==> flow/design.v <==
module sel_unit_v2 #(
   parameter XLEN = 16,
   parameter N = 8,
   parameter LG = $clog2(N)
) (
   input  clk_i,
   input  rst,
   input  enable,
   input  [N*XLEN-1:0] i_din,
   input  [LG-1:0] i_addr,
   output reg [XLEN-1:0] o_data_out
);
   reg [N*XLEN-1:0] din_ff;
   always @(posedge clk_i or posedge rst) begin
      if (rst) begin
         din_ff <= 0;
      end else if (enable) begin
         din_ff <= i_din;
      end
   end
   reg [LG-1:0] addr_ff;
   always @(posedge clk_i or posedge rst) begin
      if (rst) begin
         addr_ff <= 0;
      end else if (enable) begin
         addr_ff <= i_addr;
      end
   end
   localparam H = N / 2;
   reg [XLEN-1:0] lsb_ff;
   always @(posedge clk_i or posedge rst) begin
      if (rst) begin
         lsb_ff <= 0;
      end else if (enable) begin
         lsb_ff <= din_ff[addr_ff[LG-2:0]*XLEN +: XLEN];
      end
   end
   reg [XLEN-1:0] msb_ff;
   always @(posedge clk_i or posedge rst) begin
      if (rst) begin
         msb_ff <= 0;
      end else if (enable) begin
         msb_ff <= din_ff[(H + addr_ff[LG-2:0])*XLEN +: XLEN];
      end
   end
   reg addr_ff_d;
   always @(posedge clk_i or posedge rst) begin
      if (rst) begin
         addr_ff_d <= 1'b0;
      end else if (enable) begin
         addr_ff_d <= addr_ff[LG-1];
      end
   end
   always @(posedge clk_i or posedge rst) begin
      if (rst) begin
         o_data_out <= 0;
      end else if (enable) begin
         o_data_out <= addr_ff_d ? msb_ff : lsb_ff;
      end
   end
endmodule
=== Tool chain data of sel_unit_v2 ===
Tool output for the design above, in the order of the flow.
Line numbers count from 1 in the design file above.
Operators: Yosys type, input widths -> output width; for muxes data width and select width s.
A cell with - has no value.

* Top: sel_unit_v2
* Clock port: clk_i
* Standard-cell library: sky130hd
* Timing corner: tt_025C_1v80

=== After elaboration ===
Source: Yosys, flattened and elaborated, memories not mapped. Widths are those after wreduce; folded enables and synchronous resets count as part of the registers. Registers that Yosys merges into a memory's read port (data or address) are not register bits. Print and check cells do not count. Equal cells are merged and count once.

* Bits in registers: 180
* Input port bits: 134
* Output and inout port bits: 16
* Cells after elaboration: 10

* $add $sub $neg: 1
* Shifts and indexed selects: 2
* Multiplexer cells: 1

{| class="wikitable"
|+ Operators with widths
! cell !! count
|-
| $shiftx 128x7->16 || 1
|-
| $shiftx 128x9->16 || 1
|-
| $mux 16 || 1
|-
| $add 3x2->4 const A || 1
|}

=== Longest topological paths ===
Longest topological path by Yosys (ltp), each cell counted once; first at word level (registers and memories cut), then after technology mapping (sequential cells cut; the memories' decode and read muxes count).

* Depth in word-level cells: 2
* ABC_AREA: 0
* Gate-level depth with buffers: 5
* Depth with buffers taken out: 2

=== After synthesis ===
Yosys stat after the flow's synthesis: flattened, memories mapped to cells. It holds for the ABC_AREA given above (unset counts as 0); a run with the other value may have another netlist.
The area totals of this step are shown rounded.

{| class="wikitable"
|+ Cells by type
! cell type !! count !! total area (um2)
|-
| sky130_fd_sc_hd__dfrtp_1 || 180 || 4,504.32
|-
| sky130_fd_sc_hd__mux2_4 || 100 || 1,501.44
|-
| sky130_fd_sc_hd__mux2i_1 || 80 || 800.768
|-
| sky130_fd_sc_hd__mux2_1 || 32 || 360.346
|-
| sky130_fd_sc_hd__o221ai_1 || 32 || 280.269
|-
| sky130_fd_sc_hd__buf_6 || 19 || 213.955
|-
| sky130_fd_sc_hd__nand2b_1 || 33 || 206.448
|-
| sky130_fd_sc_hd__a21oi_1 || 16 || 80.077
|-
| sky130_fd_sc_hd__buf_2 || 13 || 65.062
|-
| sky130_fd_sc_hd__nor2_1 || 16 || 60.058
|-
| sky130_fd_sc_hd__buf_4 || 3 || 22.522
|-
| sky130_fd_sc_hd__clkbuf_1 || 2 || 7.507
|-
| sky130_fd_sc_hd__inv_1 || 1 || 3.754
|-
| sky130_fd_sc_hd__nand2_1 || 1 || 3.754
|}

* Mapped cells: 528
* Cell area after synthesis: 8,110 um2
* Area of sequential cells: 4,504 um2
* Flip-flops: 180
* Buffer cells: 37

=== Timing after synthesis ===
Source: OpenSTA report_checks on the synthesized netlist (no wires, ideal clock, input and output delay 20% of the period each), path of least setup slack; recovery checks are left aside. Register names are those of the netlist, which keeps one name where synthesis merged equal registers.

* Kind: input to register
* Start point: input port enable
* End point: register addr_ff[0]
* Period: 1,380 ps
* Input delay: 276 ps
* Library setup time: 125 ps
* Time at the first pin: 276 ps
* Data arrival time: 996 ps
* Data required time: 1,255 ps
* Setup slack: 259 ps
* Path delay: 845 ps
* Stages on the path: 4
* Path buffers: 3
* Synthesis period reached: 1,121 ps

"path delay" = arrival - input delay + setup time.
"stages on the path" counts driving pins, that of a launching flip-flop among them; a cell with two outputs on the path counts twice.
"synthesis period reached" is the clock period less the worst setup slack; recovery checks do not enter. This is arithmetic on one report: input and output delays are still those of the set period (20% each).

* Path through: sky130_fd_sc_hd__buf_6 -> sky130_fd_sc_hd__buf_6 -> sky130_fd_sc_hd__buf_6 -> sky130_fd_sc_hd__mux2_4
* Length of the longest elaborated chain: 0
* Elaborated cells on any way between the ends: 0
* Source lines of those cells: 0

{| class="wikitable"
|+ Ends and longest elaborated chain, after synthesis
! element !! line !! RTL
|-
| from (decl) || 8 || <nowiki>input  enable,</nowiki>
|-
| to (assign) || 24 || <nowiki>addr_ff <= 0;</nowiki>
|-
| to (assign) || 26 || <nowiki>addr_ff <= i_addr;</nowiki>
|-
| to (decl) || 21 || <nowiki>reg [LG-1:0] addr_ff;</nowiki>
|}

=== Worst path after layout ===
From the final timing report of job 1: the path of least setup slack in the routed layout; clock arrival at registers is part of the times.
The report prints the path's times to 10 ps; the period is as set.

* Kind: register to output
* Start point: register o_data_out[2]
* End point: output port o_data_out[2]
* Period: 1,380 ps
* Output delay: 280 ps
* Time at the first pin: 420 ps
* Data arrival time: 1,070 ps
* Data required time: 1,100 ps
* Setup slack: 40 ps
* Stages on the path: 2
* Path buffers: 1

* Path through: sky130_fd_sc_hd__dfrtp_1 -> sky130_fd_sc_hd__clkdlybuf4s15_1
* Length of the longest elaborated chain: 0
* Elaborated cells on any way between the ends: 0
* Source lines of those cells: 0

{| class="wikitable"
|+ Ends and longest elaborated chain, post-layout
! element !! line !! RTL
|-
| from (decl) || 11 || <nowiki>output reg [XLEN-1:0] o_data_out</nowiki>
|-
| from (assign) || 56 || <nowiki>o_data_out <= 0;</nowiki>
|-
| from (assign) || 58 || <nowiki>o_data_out <= addr_ff_d ? msb_ff : lsb_ff;</nowiki>
|-
| to (decl) || 11 ||
|}

Flow measurements of sel_unit_v2 on sky130hd: 3 stored runs with different settings, listed in no order. Input and output delays are each 20% of the period that was set; the output load is 0.01 pF.
By "period achieved" is meant the clock period of the run minus its worst setup slack. This is arithmetic on one report: input and output delays are still those of the set period (20% each).
"time on the worst setup path" = time allowed to the worst setup path (clock period - input delay - output delay, where it has them) - its slack; a late launch clock adds to it, a late capture clock takes from it.
"total power after layout" is the tool's figure for a default switching activity; nothing was simulated.
"time on the worst setup path" is given in steps of 10 ps.
The results are shown rounded.

=== Job 1 ===
{| class="wikitable"
! Setting !! Value
|-
| period_ns || 1.38
|-
| CAP_MARGIN || 20
|-
| CORE_MARGIN || 2
|-
| CORE_UTILIZATION || 40
|-
| SLEW_MARGIN || 20
|-
! Result !! Value
|-
| Cell area after synthesis || 8,110 um2
|-
| Standard-cell area after routing || 10,570 um2
|-
| Total power after layout || 0.01368 W
|-
| Final design utilization || 52.7%
|-
| Period achieved || 1,342 ps
|-
| Time on the worst setup path || 1,070 ps
|-
| Critical path kind || register to output
|-
| Setup slack of the critical path || 38 ps
|-
| Die area || 21,430 um2
|-
| Final setup TNS || 0 ps
|}

=== Job 2 ===
{| class="wikitable"
! Setting !! Value
|-
| period_ns || 1.57
|-
| CORE_UTILIZATION || 25
|-
| PLACE_DENSITY_LB_ADDON || 0.14
|-
| CORE_ASPECT_RATIO || 1.38
|-
| CORE_MARGIN || 2
|-
| CELL_PAD_IN_SITES_GLOBAL_PLACEMENT || 2
|-
| ABC_AREA || 1
|-
| GPL_ROUTABILITY_DRIVEN || 1
|-
| CTS_CLUSTER_SIZE || 72
|-
| CTS_CLUSTER_DIAMETER || 277
|-
| CAP_MARGIN || 35
|-
| SLEW_MARGIN || 25
|-
| MIN_ROUTING_LAYER || met1
|-
! Result !! Value
|-
| Cell area after synthesis || 8,090 um2
|-
| Standard-cell area after routing || 10,740 um2
|-
| Total power after layout || 0.01195 W
|-
| Final design utilization || 33.6%
|-
| Period achieved || 1,467 ps
|-
| Time on the worst setup path || 1,150 ps
|-
| Critical path kind || register to output
|-
| Setup slack of the critical path || 103 ps
|-
| Die area || 33,840 um2
|-
| Final setup TNS || 0 ps
|}

=== Job 3 ===
{| class="wikitable"
! Setting !! Value
|-
| period_ns || 1.03
|-
| CORE_UTILIZATION || 67
|-
| SETUP_SLACK_MARGIN || -0.02
|-
| CORE_ASPECT_RATIO || 0.97
|-
| CORE_MARGIN || 8
|-
| TNS_END_PERCENT || 30
|-
| GPL_ROUTABILITY_DRIVEN || 0
|-
| CTS_CLUSTER_SIZE || 90
|-
| MIN_ROUTING_LAYER || met2
|-
| CAP_MARGIN || 20
|-
| SLEW_MARGIN || 20
|-
! Result !! Value
|-
| Cell area after synthesis || 8,110 um2
|-
| Standard-cell area after routing || 10,970 um2
|-
| Total power after layout || 0.02065 W
|-
| Final design utilization || 92.9%
|-
| Period achieved || 1,475 ps
|-
| Time on the worst setup path || 1,480 ps
|-
| Critical path kind || register to register
|-
| Setup slack of the critical path || -445 ps
|-
| Die area || 15,880 um2
|-
| Final setup TNS || -13,300 ps
|}
